==> flow/design.v <==
module mem_rtl #(
  parameter NWORDS = 16,
  parameter NBITS = 12,
  parameter AW = $clog2(NWORDS)
) (
  input CLK,
  input wen,
  input [AW-1:0] waddr,
  input [NBITS-1:0] d,
  input [AW-1:0] raddr_a,
  input [AW-1:0] raddr_b,
  output reg [NBITS-1:0] dout_a,
  output reg [NBITS-1:0] dout_b
);
  reg [NBITS-1:0] array [0:NWORDS-1];
  always @(posedge CLK) begin
    if (wen)
      array[waddr] <= d;
  end
  always @(posedge CLK) begin
    dout_a <= array[raddr_a];
    dout_b <= array[raddr_b];
  end
endmodule
# Reports on mem_rtl
# Tool output for the design above, in the order of the flow.
# Lines are those of the file above, counted from 1.
# Cell names lack the library's common part.
# A cell with -- has no value.
[design]
top = "mem_rtl"
clk_port = "CLK"
lib = "sky130hd"
lib_corner = "tt_025C_1v80"

# Word level
# Yosys after proc, flatten, opt, wreduce and memory -nomap, before mapping. Enables and synchronous resets that opt folds into registers are not counted as muxes. Memory bits, and registers merged into a memory's read port (data or address), are not among the register bits. Print and check cells are not counted. Equal cells are merged and count once.
# Yosys's memory passes give these memory sizes; they may raise the number of words (mostly to a power of two), join words into wider ones and drop unused or constant bits.
[bits]
elab_cells = 4
memories = 1
latch_bits = 0
register_bits = 0
clocked_rd_ports_x_width = 24
mem_bits_ro = 0
ramBits = 192
[op_classes]
n_addsub = 0
muxes = 3
n_reduce_logical = 0
mul = 0
compare = 0
div_mod_pow = 0
n_eq = 0
n_shift = 0
logic = 0
[mem_list]
columns = ["name", "words", "word_bits", "read_ports", "write_ports", "line", "text"]
rows = [
  ["array", 16, 12, 2, 1, 15, "reg [NBITS-1:0] array [0:NWORDS-1];"],
]
[op_table]
columns = ["operator", "n"]
rows = [
  ["two-way mux 12 bit", 1],
  ["two-way mux 4 bit", 1],
  ["two-way mux 1 bit", 1],
]

# Longest topological paths
# Depth = most cells in a row (Yosys ltp): at word level without a register or memory, in the mapped netlist without a sequential cell, where the memories' decode and read muxes count.
[logic_depth]
ltp_word = 1
ABC_AREA = 0
mapped_depth = 5

# Synthesis result
# Source: synth_stat.txt of the flow (Yosys; design flattened, memories mapped). It holds for the ABC_AREA given above (unset counts as 0); a run with the other value may have another netlist.
# The area totals of this step are shown rounded.
[types]
columns = ["type", "n"]
rows = [
  ["edfxtp_1", 192],
  ["mux4_2", 66],
  ["mux4_1", 30],
  ["dfxtp_1", 24],
  ["a22oi_1", 48],
  ["nand2_1", 25],
  ["buf_12", 4],
  ["nor2_1", 14],
  ["buf_2", 10],
  ["clkbuf_1", 12],
  ["nor2b_1", 4],
  ["buf_6", 2],
  ["nor3_1", 4],
  ["nand3b_1", 2],
  ["and2_1", 2],
  ["nand2b_1", 2],
  ["or3b_1", 1],
  ["nand3_1", 1],
]
[synth_totals]
buf_cells = 28
mapped_area_um2 = 9324
mapped_cells = 443
ffs = 216

# Path before layout
# Path of least setup slack by OpenSTA after synthesis, without wires, with an ideal clock, recovery checks aside; 20% of the period is set as input and as output delay. Where synthesis merged equal registers, the netlist keeps one of their names.
[synth_timing]
path_kind = "input-to-reg"
startpoint = "in waddr[2]"
endpoint = "mem array[0][0]"
required_ns = 2.254
tclk_ns = 2.65
path_delay_ns = 1.699
setup_ns = 0.396
path_buffers = 0
path_stages = 2
t_arrival_ns = 1.833
input_delay_ns = 0.530
setup_slack_ns = 0.420
synth_period_reached_ns = 2.23
# "path_delay_ns" is the arrival time less input delay plus setup time.
# "path_stages" counts driving pins, that of a launching flip-flop among them; a cell with two outputs on the path counts twice.
# "synth_period_reached_ns" = period - worst setup slack (recovery checks aside). The figure is calculated, with input and output delays left at 20% of the set period.
# The rows between start and end are the longest chain of elaborated cells between them; the timing report does not say that the signal goes this way. Where chains are equally long, one stands for them.
# Each line given opens the expression or statement behind the cell; cells for indexed reads and writes are added by Yosys, which also makes memories of some case tables.
[synth_via]
path_cell_list = "or3b_1 -> nor3_1"
elab_chain_cells = 1
cone_cells = 1
cone_lines = 1
cone_classes = "mux (1)"
[synth_rtl]
columns = ["element", "line", "text"]
rows = [
  ["from (decl)", 8, "input [AW-1:0] waddr,"],
  ["two-way mux 4 bit", 17, "if (wen)"],
  ["to (decl)", 15, "reg [NBITS-1:0] array [0:NWORDS-1];"],
]

# Worst path after layout
# From the final timing report of run 1: the path of least setup slack in the routed layout; clock arrival at registers is part of the times.
[layout_timing]
path_kind = "reg-to-output"
startpoint = "reg dout_a[5]"
endpoint = "out dout_a[5]"
t_arrival_ns = 1.41
out_delay_ns = 0.53
setup_slack_ns = 0.71
tclk_ns = 2.65
path_stages = 2
required_ns = 2.12
path_buffers = 1
[layout_via]
path_cell_list = "dfxtp_1 -> clkdlybuf4s50_1"
elab_chain_cells = 0
cone_cells = 0
cone_lines = 0
[layout_rtl]
columns = ["element", "line", "text"]
rows = [
  ["from (decl)", 12, "output reg [NBITS-1:0] dout_a,"],
  ["to (decl)", 12, ""],
]

# Flow measurements of mem_rtl on sky130hd: 3 stored runs with different settings, listed in no order. Input and output delays are each 20% of the period that was set; the output load is 0.01 pF.
# "period_less_ws_ns" is the run's clock period less its worst setup slack. It is reckoned from that one timing run; input and output delays stay at 20% of the period that was set.
# "worst_path_time_ns" = time allowed to the worst setup path (clock period - input delay - output delay, where it has them) - its slack; a late launch clock adds to it, a late capture clock takes from it.
# "power_uw": no workload was simulated; the value follows from the tool's default switching activity.
# Results are given in rounded form.

[[run]]
name = "run 1"
[run.settings]
period_ns = 2.65
CAP_MARGIN = 20
CORE_MARGIN = 2
CORE_UTILIZATION = 40
SLEW_MARGIN = 20
[run.results]
setupTns_ns = 0.000
period_less_ws_ns = 1.941
synth_area_um2 = 9324
power_uw = 7677
setup_ws_ns = 0.709
worst_path_time_ns = 1.41
critical_path_kind = "reg-to-output"
ws_hold_ns = 0.645
layout_utilization_pct = 48.8
design.die.area_um2 = 24550
final_stdcell_area_um2 = 11110

[[run]]
name = "run 2"
[run.settings]
period_ns = 1.48
CORE_UTILIZATION = 55
SETUP_SLACK_MARGIN = 0.19
PLACE_DENSITY_LB_ADDON = 0.07
CORE_MARGIN = 6
CELL_PAD_IN_SITES_DETAIL_PLACEMENT = 2
TNS_END_PERCENT = 85
ABC_AREA = 0
GPL_TIMING_DRIVEN = 0
GPL_ROUTABILITY_DRIVEN = 1
CAP_MARGIN = 35
MAX_ROUTING_LAYER = "met4"
SLEW_MARGIN = 20
[run.results]
outcome = "stopped before the end: clock tree synthesis reported DPL-0033"

[[run]]
name = "run 3"
[run.settings]
period_ns = 2.18
CORE_UTILIZATION = 72
SETUP_SLACK_MARGIN = 0.19
PLACE_DENSITY_LB_ADDON = 0.0
CORE_ASPECT_RATIO = 0.57
CORE_MARGIN = 8
CELL_PAD_IN_SITES_DETAIL_PLACEMENT = 1
TNS_END_PERCENT = 5
ABC_AREA = 0
CTS_CLUSTER_SIZE = 65
MIN_ROUTING_LAYER = "met2"
CAP_MARGIN = 20
SLEW_MARGIN = 20
[run.results]
outcome = "stopped before the end: placement reported DPL-0033"
